==> flow/design.v <==
module aligner_n #(
    parameter DATA_WIDTH = 56,
    parameter SEL_WIDTH = $clog2(DATA_WIDTH)
) (
    input wire i_clk,
    input wire resetn,
    input wire step,
    input wire [DATA_WIDTH-1:0] in_in,
    input wire [SEL_WIDTH-1:0] in_count,
    output wire [DATA_WIDTH-1:0] out_data_out
);
    reg [DATA_WIDTH-1:0] in_r;
    reg [SEL_WIDTH-1:0] count_r;
    always @(posedge i_clk) begin
        if (!resetn) begin
            in_r <= 0;
            count_r <= 0;
        end else if (step) begin
            in_r <= in_in;
            count_r <= in_count;
        end
    end
    assign out_data_out = (in_r << count_r) | (in_r >> (DATA_WIDTH - count_r));
endmodule
======== From RTL to reports: aligner_n ========
What the tools print for aligner_n, step after step.
Lines are those of the file above, counted from 1.
Operators carry their Yosys type and port widths (W data, S select, Z words).
Cell names lack the library's common part.
The mark -- stands for no value.
design
  top module .............................. aligner_n
  clock ................................... i_clk
  cell library ............................ sky130hd
  library corner .......................... tt_025C_1v80

======== Word level ========
Source: Yosys, flattened and elaborated, memories not mapped. Widths are those after wreduce; folded enables and synchronous resets count as part of the registers. Registers that Yosys merges into a memory's read port (data or address) are not register bits. Print and check cells do not count. Equal cells are merged and count once.
operators by class
  $add $sub $neg .......................... 1
  multiply operators ...................... 0
  divide/modulo/power cells ............... 0
  magnitude comparators ................... 0
  equal/unequal tests ..................... 0
  shift-type cells ........................ 2
  muxes and demuxes ....................... 0
  bitwise logic cells ..................... 1
  reduce/logical cells .................... 0
operators by type and width
  kind                   count
  $shr A56 B32 Y56       1
  $or A56 B56 Y56        1
  $shl A56 B6 Y56        1
  $sub A6 B6 Y7 const A  1
word-level totals
  flip-flop bits (word level) ............. 62
  bits in latches ......................... 0
  RAM bits ................................ 0
  bits in read-only memories .............. 0
  clocked read ports x word width ......... 0
  memories kept ........................... 0
  input port bits ......................... 65
  output and inout port bits .............. 56
  elaborated cells ........................ 6

======== Longest topological paths ========
Yosys ltp: most cells in a row. Word level: on the elaborated netlist, between registers, memories and ports. Mapped: between sequential cells and ports; inverters and the memories' decode and read muxes count.
logic depth
  word-level depth ........................ 3
  ABC_AREA ................................ 0
  gate-level depth with buffers ........... 17
  gate-level depth less buffers ........... 8

======== After synthesis ========
Source: synth_stat.txt of the flow (Yosys; design flattened, memories mapped). It holds for the ABC_AREA given above (unset counts as 0); a run with the other value may have another netlist.
The area totals of this step are shown rounded.
cells by type
  cell type  count  area in all (µm²)
  mux4_2     104    2.34E+03
  mux2i_1    160    1.6E+03
  dfxtp_1    62     1241.19
  mux2_2     73     822.038
  nand2_1    114    427.91
  nor2b_1    66     412.896
  nor2_1     84     315.302
  a21oi_1    52     260.25
  o21ai_0    39     195.187
  clkbuf_1   51     191.434
  buf_6      15     168.912
  o22ai_1    22     137.632
  buf_2      27     135.13
  o211ai_1   17     127.622
  buf_4      16     120.115
  a31oi_1    19     118.864
  a211oi_1   15     112.608
  mux4_1     4      105.101
Not listed: further types 69, cells in them 220.
synthesis totals
  cells in the netlist .................... 1160
  mapped area ............................. 10610 µm²
  area of sequential cells ................ 1241 µm²
  flip-flop cells ......................... 62

======== Worst setup path after synthesis ========
OpenSTA on the mapped netlist: ideal clock, no wires. The path of least setup slack (recovery checks aside). Input and output delay are each 20% of the period. Register names are those of the netlist, which keeps one name where synthesis merged equal registers.
timing path post-synthesis
  kind .................................... flip-flop to output port
  from .................................... reg count_r[0]
  to ...................................... out out_data_out[3]
  clock period ............................ 4.97 ns
  time at the first pin ................... 0.000 ns
  arrival ................................. 3.183 ns
  data required time ...................... 3.976 ns
  setup slack ............................. 0.793 ns
  delay of the path ....................... 3.183 ns
  driving pins on the path ................ 16
  period reached after synthesis .......... 4.177 ns
"delay of the path" is the arrival time less input delay plus setup time.
A path that ends at an output port has no setup time.
"driving pins on the path": output pins that drive a net of the path, with the launching flip-flop's if there is one; two outputs of one cell count as two.
"period reached after synthesis" is the clock period less the worst setup slack; recovery checks do not enter. This is arithmetic on one report: input and output delays are still those of the set period (20% each).
The rows between start and end are the longest chain of elaborated cells between them; the timing report does not say that the signal goes this way. Where chains are equally long, one stands for them.
Each line given opens the expression or statement behind the cell; cells for indexed reads and writes are added by Yosys, which also makes memories of some case tables.
on the way, post-synthesis
  path through ............................ dfxtp_1 -> buf_6 -> buf_8 -> inv_8 -> buf_8 -> buf_6 -> buf_2 -> ha_1 -> buf_6 -> buf_12 -> mux2_4 -> mux4_2 -> nor2_2 -> a21oi_2 -> a22o_1 -> a221o_1
  length of the longest elaborated chain .. 3
ends and longest elaborated chain, post-synthesis
  item              RTL line  RTL
  start, declared   13        reg [SEL_WIDTH-1:0] count_r;
  start, assigned   17        count_r <= 0;
  start, assigned   20        count_r <= in_count;
  $sub A6 B6 Y7     23        assign out_data_out = (in_r << count_r) | (in_r >> (DATA_WIDTH - count_r));
  $shr A56 B32 Y56  23
  $or A56 B56 Y56   23
  end, declared     10        output wire [DATA_WIDTH-1:0] out_data_out

======== Path in the finished layout ========
Path of least setup slack in the final report of record 1 (OpenROAD, finished layout, wires in). Where an end is a register, its clock arrival counts in the times.
timing path post-layout
  kind .................................... flip-flop to output port
  from .................................... reg count_r[1]
  to ...................................... out out_data_out[29]
  clock period ............................ 7.61 ns
  time at the first pin ................... 0.35 ns
  arrival ................................. 4.63 ns
  data required time ...................... 6.09 ns
  setup slack ............................. 1.45 ns
  driving pins on the path ................ 11
The rows between start and end are the longest chain of elaborated cells between them; the timing report does not say that the signal goes this way. Where chains are equally long, one stands for them.
on the way, post-layout
  path through ............................ dfxtp_4 -> inv_1 -> ha_4 -> xnor2_4 -> buf_4 -> nor3_1 -> a311oi_1 -> nand2_1 -> a211oi_1 -> a221o_1 -> clkdlybuf4s50_1
  length of the longest elaborated chain .. 3
ends and longest elaborated chain, post-layout
  item              RTL line  RTL
  start, declared   13        reg [SEL_WIDTH-1:0] count_r;
  start, assigned   17        count_r <= 0;
  start, assigned   20        count_r <= in_count;
  $sub A6 B6 Y7     23        assign out_data_out = (in_r << count_r) | (in_r >> (DATA_WIDTH - count_r));
  $shr A56 B32 Y56  23
  $or A56 B56 Y56   23
  end, declared     10        output wire [DATA_WIDTH-1:0] out_data_out

# Flow runs of aligner_n

Module aligner_n, platform sky130hd: 3 stored runs of the flow (Yosys, OpenROAD) with differing settings, in no particular order. Input and output delays are each 20% of the period that was set; the output load is 0.01 pF.
"period achieved": clock period set for the run, less the worst setup slack. It is reckoned from that one timing run; input and output delays stay at 20% of the period that was set.
By "time of the worst setup path" is meant the share of the clock period that the worst setup path is allowed (20% is reserved at inputs, 20% at outputs), minus its slack. Clock arrival times at its registers enter into it.
"power consumption": no workload was simulated; the value follows from the tool's default switching activity.
The measured numbers are rounded.

======== record 1 ========
==> flow/run.sh <==
#!/bin/bash
# the make line also repeats the synthesis and layout settings of config.mk as NAME=value (left out here)
make -C /OpenROAD-flow-scripts/flow DESIGN_CONFIG=/design/flow/config.mk WORK_HOME=/design/flow/orfs CLKGATE_MAP_FILE= finish
==> flow/config.mk <==
export PLATFORM = sky130hd
export DESIGN_NAME = aligner_n
export DESIGN_NICKNAME = aligner_n
export VERILOG_FILES = /design/flow/design.v
export SDC_FILE = /design/flow/constraint.sdc
export NUM_CORES = 4
export LEC_CHECK = 0
export ABC_AREA = 0
export CAP_MARGIN = 20
export CELL_PAD_IN_SITES_DETAIL_PLACEMENT = 2
export CELL_PAD_IN_SITES_GLOBAL_PLACEMENT = 3
export CORE_ASPECT_RATIO = 1.65
export CORE_MARGIN = 2
export CORE_UTILIZATION = 26
export CTS_CLUSTER_DIAMETER = 157
export GPL_ROUTABILITY_DRIVEN = 0
export MAX_ROUTING_LAYER = met5
export PLACE_DENSITY_LB_ADDON = 0.08
export SETUP_SLACK_MARGIN = 1.37
export SLEW_MARGIN = 20
export TNS_END_PERCENT = 30
==> flow/constraint.sdc <==
create_clock -name core_clock -period 7.61 [get_ports {i_clk}]
set_input_delay 1.5220 -clock core_clock [delete_from_list [all_inputs] [get_ports {i_clk}]]
set_output_delay 1.5220 -clock core_clock [all_outputs]
set_load 0.01 [all_outputs]

-------- measured, record 1 --------
  standard-cell area after layout ......... 12420 µm²
  post-route setup TNS .................... 0.000 ns
  power consumption ....................... 0.002013 W
  worst setup slack after layout .......... 1.454 ns
  utilization after layout ................ 30.6%
  time of the worst setup path ............ 4.63 ns
  type of the worst setup path ............ flip-flop to output port
  synthesis area .......................... 10610 µm²
  worst hold slack ........................ 0.645 ns
  period achieved ......................... 6.156 ns
  die area ................................ 42490 µm²

======== record 2 ========
==> flow/run.sh <==
#!/bin/bash
# the make line also repeats the synthesis and layout settings of config.mk as NAME=value (left out here)
make -C /OpenROAD-flow-scripts/flow DESIGN_CONFIG=/design/flow/config.mk WORK_HOME=/design/flow/orfs CLKGATE_MAP_FILE= finish
==> flow/config.mk <==
export PLATFORM = sky130hd
export DESIGN_NAME = aligner_n
export DESIGN_NICKNAME = aligner_n
export VERILOG_FILES = /design/flow/design.v
export SDC_FILE = /design/flow/constraint.sdc
export NUM_CORES = 4
export LEC_CHECK = 0
export CAP_MARGIN = 20
export CORE_MARGIN = 2
export CORE_UTILIZATION = 40
export SLEW_MARGIN = 20
==> flow/constraint.sdc <==
create_clock -name core_clock -period 4.97 [get_ports {i_clk}]
set_input_delay 0.9940 -clock core_clock [delete_from_list [all_inputs] [get_ports {i_clk}]]
set_output_delay 0.9940 -clock core_clock [all_outputs]
set_load 0.01 [all_outputs]

-------- measured, record 2 --------
  post-route setup TNS .................... 0.000 ns
  utilization after layout ................ 48.0%
  time of the worst setup path ............ 3.88 ns
  type of the worst setup path ............ flip-flop to output port
  period achieved ......................... 4.873 ns
  standard-cell area after layout ......... 12500 µm²
  synthesis area .......................... 10610 µm²
  power consumption ....................... 0.003165 W
  worst hold slack ........................ 0.587 ns
  die area ................................ 27840 µm²
  worst setup slack after layout .......... 0.097 ns

======== record 3 ========
==> flow/run.sh <==
#!/bin/bash
# the make line also repeats the synthesis and layout settings of config.mk as NAME=value (left out here)
make -C /OpenROAD-flow-scripts/flow DESIGN_CONFIG=/design/flow/config.mk WORK_HOME=/design/flow/orfs CLKGATE_MAP_FILE= finish
==> flow/config.mk <==
export PLATFORM = sky130hd
export DESIGN_NAME = aligner_n
export DESIGN_NICKNAME = aligner_n
export VERILOG_FILES = /design/flow/design.v
export SDC_FILE = /design/flow/constraint.sdc
export NUM_CORES = 4
export LEC_CHECK = 0
export CAP_MARGIN = 25
export CELL_PAD_IN_SITES_DETAIL_PLACEMENT = 1
export CELL_PAD_IN_SITES_GLOBAL_PLACEMENT = 2
export CORE_ASPECT_RATIO = 1.34
export CORE_MARGIN = 2
export CORE_UTILIZATION = 71
export CTS_CLUSTER_SIZE = 33
export MIN_ROUTING_LAYER = met2
export SETUP_SLACK_MARGIN = -0.39
export SLEW_MARGIN = 15
export TNS_END_PERCENT = 75
==> flow/constraint.sdc <==
create_clock -name core_clock -period 6.12 [get_ports {i_clk}]
set_input_delay 1.2240 -clock core_clock [delete_from_list [all_inputs] [get_ports {i_clk}]]
set_output_delay 1.2240 -clock core_clock [all_outputs]
set_load 0.01 [all_outputs]

-------- record 3 --------
  stopped before the end: placement reported GPL-0301
